==> flow/design.v <==
module core_add_core_top #(
    parameter XLEN = 7
) (
    input aclk,
    input resetn,
    input [XLEN-1:0] opa,
    input [XLEN-1:0] opb,
    input carry_in,
    output reg [XLEN-1:0] result,
    output reg ovf
);
    wire [XLEN:0] r;
    assign r = opa + opb + carry_in;
    always @(posedge aclk or negedge resetn) begin
        if (!resetn) begin
            result <= 0;
            ovf <= 1'b0;
        end else begin
            result <= r[XLEN-1:0];
            ovf <= r[XLEN];
        end
    end
endmodule
From RTL to reports: core_add_core_top
A sweep over "XLEN": the same steps for each member of the family. The file above is the member XLEN = 7. Line numbers count from 1 in each member's own file. Operators: Yosys type, input widths -> output width; for muxes data width and select width s. Cell names lack the library's common part. A cell with - has no value.

Top: core_add_core_top. Clock: aclk. Standard-cell library: sky130hd. Timing corner: tt_025C_1v80.

Source of the members
New or changed lines of each further member against the RTL above, in its own file; lines it lacks are not shown.

Lines new or changed: XLEN 14 (line 2) `parameter XLEN = 14`; XLEN 36 (line 2) `parameter XLEN = 36`; XLEN 72 (line 2) `parameter XLEN = 72`; XLEN 96 (line 2) `parameter XLEN = 96`.

Word level
Counts by Yosys on the flattened word-level netlist (proc, flatten, opt, wreduce; memories kept). Register bits leave out memories and registers merged into their read ports (data or address); mux counts leave out enables and synchronous resets folded into registers. Print and check cells are left out. Cells with the same type and inputs are merged into one.

Cells by class (add/sub/neg operators): XLEN 7 (2); XLEN 14 (2); XLEN 36 (2); XLEN 72 (2); XLEN 96 (2).

Operator list (kinds with counts): XLEN 7 (1 x $add 7x7->8; 1 x $add 8x1->8); XLEN 14 (1 x $add 14x14->15; 1 x $add 15x1->15); XLEN 36 (1 x $add 36x36->37; 1 x $add 37x1->37); XLEN 72 (1 x $add 72x72->73; 1 x $add 73x1->73); XLEN 96 (1 x $add 96x96->97; 1 x $add 97x1->97).

Bit counts: XLEN 7 (register bits 8, input bits 17, output and inout port bits 8); XLEN 14 (register bits 15, input bits 31, output and inout port bits 15); XLEN 36 (register bits 37, input bits 75, output and inout port bits 37); XLEN 72 (register bits 73, input bits 147, output and inout port bits 73); XLEN 96 (register bits 97, input bits 195, output and inout port bits 97).

Depth
Longest topological path by Yosys (ltp), each cell counted once; first at word level (registers and memories cut), then after technology mapping (sequential cells cut; the memories' decode and read muxes count).

Logic depth: XLEN 7 (depth in word-level cells 2, ABC_AREA 0, depth in mapped cells 7, gate-level depth less buffers 7); XLEN 14 (depth in word-level cells 2, ABC_AREA 0, depth in mapped cells 8, gate-level depth less buffers 8); XLEN 36 (depth in word-level cells 2, ABC_AREA 0, depth in mapped cells 9, gate-level depth less buffers 9); XLEN 72 (depth in word-level cells 2, ABC_AREA 0, depth in mapped cells 11, gate-level depth less buffers 11); XLEN 96 (depth in word-level cells 2, ABC_AREA 0, depth in mapped cells 13, gate-level depth less buffers 13).

Netlist
Yosys stat after the flow's synthesis: flattened, memories mapped to cells. It holds for the ABC_AREA given above (unset counts as 0); a run with the other value may have another netlist. Totals and module areas in this step are rounded.

Cells by type (type and count): XLEN 7 (8 x dfrtp_1; 6 x ha_1; 2 x fa_1; 3 x xnor2_1; 6 x inv_1; 4 x a21oi_1; 1 x o31a_4; 1 x a311oi_2; 3 x o21ai_0; 1 x nor2b_4; 1 x nor4_2; 1 x a311o_1; 1 x nor2b_2; 2 x nor2_1; 1 x nor3b_1; 1 x o21a_1; 1 x a31oi_1; 1 x nor2b_1; 1 x nand2_1); XLEN 14 (15 x dfrtp_1; 13 x ha_1; 8 x xnor2_1; 8 x a21oi_1; 2 x fa_1; 5 x a21o_1; 4 x a21oi_2; 4 x xor2_1; 5 x nand2_1; 3 x nand2b_1; 3 x nor2b_1; 2 x a21boi_0; 1 x a311oi_2; 4 x inv_1; 4 x nor2_1; 1 x o2111ai_2; 1 x a311o_1; 1 x and4_2; (+13)); XLEN 36 (37 x dfrtp_1; 35 x ha_1; 39 x a21oi_1; 19 x xnor2_1; 16 x a21o_1; 23 x o21ai_0; 29 x nand2_1; 9 x xor2_1; 9 x o21a_1; 17 x nor2_1; 7 x and3_1; 7 x nand4_1; 2 x fa_1; 9 x inv_1; 6 x nand3_1; 4 x o211ai_1; 4 x o21bai_1; 3 x o2111ai_1; (+59)); XLEN 72 (73 x dfrtp_1; 71 x ha_1; 88 x a21oi_1; 36 x xnor2_1; 72 x nand2_1; 30 x xor2_1; 43 x o21ai_0; 54 x nor2_1; 26 x a21o_1; 26 x nand4_1; 17 x o21bai_1; 12 x a211oi_1; 10 x o21a_1; 12 x nor3_1; 15 x clkbuf_1; 15 x inv_1; 11 x buf_2; 7 x o31ai_1; (+99)); XLEN 96 (97 x dfrtp_1; 95 x ha_1; 121 x a21oi_1; 53 x xnor2_1; 58 x a21o_1; 39 x xor2_1; 85 x nand2_1; 52 x o21ai_0; 40 x nand4_1; 64 x nor2_1; 37 x clkbuf_1; 18 x o21bai_1; 30 x inv_1; 20 x nand3_1; 15 x a31oi_1; 13 x nor2b_1; 11 x nand2b_1; 13 x nor3_1; (+118)).

A list marked (+n) leaves out that many cells.

Mapped netlist: XLEN 7 (cell count 45, chip area (Yosys) 520 µm², sequential area 200 µm², flip-flop cells 8, buffers 0); XLEN 14 (cell count 97, chip area (Yosys) 1000 µm², sequential area 380 µm², flip-flop cells 15, buffers 0); XLEN 36 (cell count 334, chip area (Yosys) 3000 µm², sequential area 930 µm², flip-flop cells 37, buffers 5); XLEN 72 (cell count 717, chip area (Yosys) 6300 µm², sequential area 1800 µm², flip-flop cells 73, buffers 32); XLEN 96 (cell count 979, chip area (Yosys) 8200 µm², sequential area 2400 µm², flip-flop cells 97, buffers 46).

Worst setup path after synthesis
OpenSTA on the mapped netlist: ideal clock, no wires. The path of least setup slack (recovery checks aside). Input and output delay are each 20% of the period. Register names are those of the netlist, which keeps one name where synthesis merged equal registers.

Path after synthesis: XLEN 7 (kind input to register, start input port opa[0], end register result[6], period 2370 ps, path slack 381 ps, stages on the path 6, path delay 1515 ps, synthesis period reached 1989 ps); XLEN 14 (kind input to register, start input port opa[0], end register ovf, period 2480 ps, path slack 396 ps, stages on the path 8, path delay 1588 ps, synthesis period reached 2084 ps); XLEN 36 (kind input to register, start input port opa[0], end register ovf, period 3870 ps, path slack 618 ps, stages on the path 9, path delay 2477 ps, synthesis period reached 3252 ps); XLEN 72 (kind input to register, start input port opa[0], end register result[64], period 4440 ps, path slack 710 ps, stages on the path 11, path delay 2842 ps, synthesis period reached 3730 ps); XLEN 96 (kind input to register, start input port opa[0], end register result[94], period 4600 ps, path slack 736 ps, stages on the path 13, path delay 2944 ps, synthesis period reached 3864 ps).

"path delay" = arrival - input delay + setup time. "stages on the path": output pins that drive a net of the path, with the launching flip-flop's if there is one; two outputs of one cell count as two. "synthesis period reached" is the clock period less the worst setup slack; recovery checks do not enter. This is arithmetic on one report: input and output delays are still those of the set period (20% each). The rows between start and end are the longest chain of elaborated cells between them; the timing report does not say that the signal goes this way. Where chains are equally long, one stands for them. A line is the first line of the expression or statement that the cell stems from. Yosys adds cells for indexed reads and writes and turns some case tables into memories.

On the way, after synthesis, XLEN = 7:
Cells in the longest elaborated chain: 2.

Ends and longest elaborated chain, after synthesis, XLEN = 7: start: declaration (line 6) `input [XLEN-1:0] opa,`; $add 7x7->8 (line 13) `assign r = opa + opb + carry_in;`; $add 8x1->8 (line 13); end: assignment (line 16) `result <= 0;`; end: assignment (line 19) `result <= r[XLEN-1:0];`; end: declaration (line 9) `output reg [XLEN-1:0] result,`.

On the way, after synthesis, XLEN = 96:
Cells in the longest elaborated chain: 2.

Ends and longest elaborated chain, after synthesis, XLEN = 96: start: declaration (line 6) `input [XLEN-1:0] opa,`; $add 96x96->97 (line 13) `assign r = opa + opb + carry_in;`; $add 97x1->97 (line 13); end: assignment (line 16) `result <= 0;`; end: assignment (line 19) `result <= r[XLEN-1:0];`; end: declaration (line 9) `output reg [XLEN-1:0] result,`.

Worst path after layout
Path of least setup slack in the final report of the run of each member (OpenROAD, finished layout, wires in). Where an end is a register, its clock arrival counts in the times. The path's times are printed in steps of 10 ps; the period is the one set.

Path post-layout: XLEN 7 (kind input to register, start input port opa[0], end register result[6], period 2370 ps, path slack 120 ps, stages on the path 7, arrival 2380 ps); XLEN 14 (kind input to register, start input port opa[0], end register ovf, period 2480 ps, path slack 110 ps, stages on the path 9, arrival 2520 ps); XLEN 36 (kind input to register, start input port opa[0], end register ovf, period 3870 ps, path slack 340 ps, stages on the path 11, arrival 3710 ps); XLEN 72 (kind input to register, start input port opa[0], end register result[66], period 4440 ps, path slack 430 ps, stages on the path 14, arrival 4220 ps); XLEN 96 (kind input to register, start input port opa[0], end register result[92], period 4600 ps, path slack 370 ps, stages on the path 13, arrival 4440 ps).

Layout results
One run of the flow (Yosys, OpenROAD) for each member, with settings and measured results. Input and output delays are each 20% of the period that was set; the output load is 0.01 pF.

CAP_MARGIN: 20. Under CORE_MARGIN stands 2. The entry for CORE_UTILIZATION reads 40. For SLEW_MARGIN the number is 20.

Settings by member (period_ns): XLEN 7 (2.37); XLEN 14 (2.48); XLEN 36 (3.87); XLEN 72 (4.44); XLEN 96 (4.6).

Results: XLEN 7 (netlist area reported by Yosys 520 µm², die size 1600 µm², std-cell area (final layout) 800 µm², utilization after routing 0.69, setup slack of the worst path 120 ps, total negative slack on setup checks 0 ps, total power after layout 450 µW, reached clock period 2248 ps); XLEN 14 (netlist area reported by Yosys 1000 µm², die size 3000 µm², std-cell area (final layout) 1600 µm², utilization after routing 0.64, setup slack of the worst path 110 ps, total negative slack on setup checks 0 ps, total power after layout 790 µW, reached clock period 2367 ps); XLEN 36 (netlist area reported by Yosys 3000 µm², die size 8200 µm², std-cell area (final layout) 4300 µm², utilization after routing 0.6, setup slack of the worst path 340 ps, total negative slack on setup checks 0 ps, total power after layout 1500 µW, reached clock period 3525 ps); XLEN 72 (netlist area reported by Yosys 6300 µm², die size 17000 µm², std-cell area (final layout) 8900 µm², utilization after routing 0.58, setup slack of the worst path 430 ps, total negative slack on setup checks 0 ps, total power after layout 2900 µW, reached clock period 4009 ps); XLEN 96 (netlist area reported by Yosys 8200 µm², die size 22000 µm², std-cell area (final layout) 12000 µm², utilization after routing 0.59, setup slack of the worst path 370 ps, total negative slack on setup checks 0 ps, total power after layout 3500 µW, reached clock period 4230 ps).

"reached clock period" means the clock period less the worst setup slack. The figure is calculated, with input and output delays left at 20% of the set period. By "total power after layout" is meant OpenSTA's value without simulated activity: inputs other than the clock are taken to toggle once in ten clock periods, and the tool carries that through the logic. Results are given in rounded form.
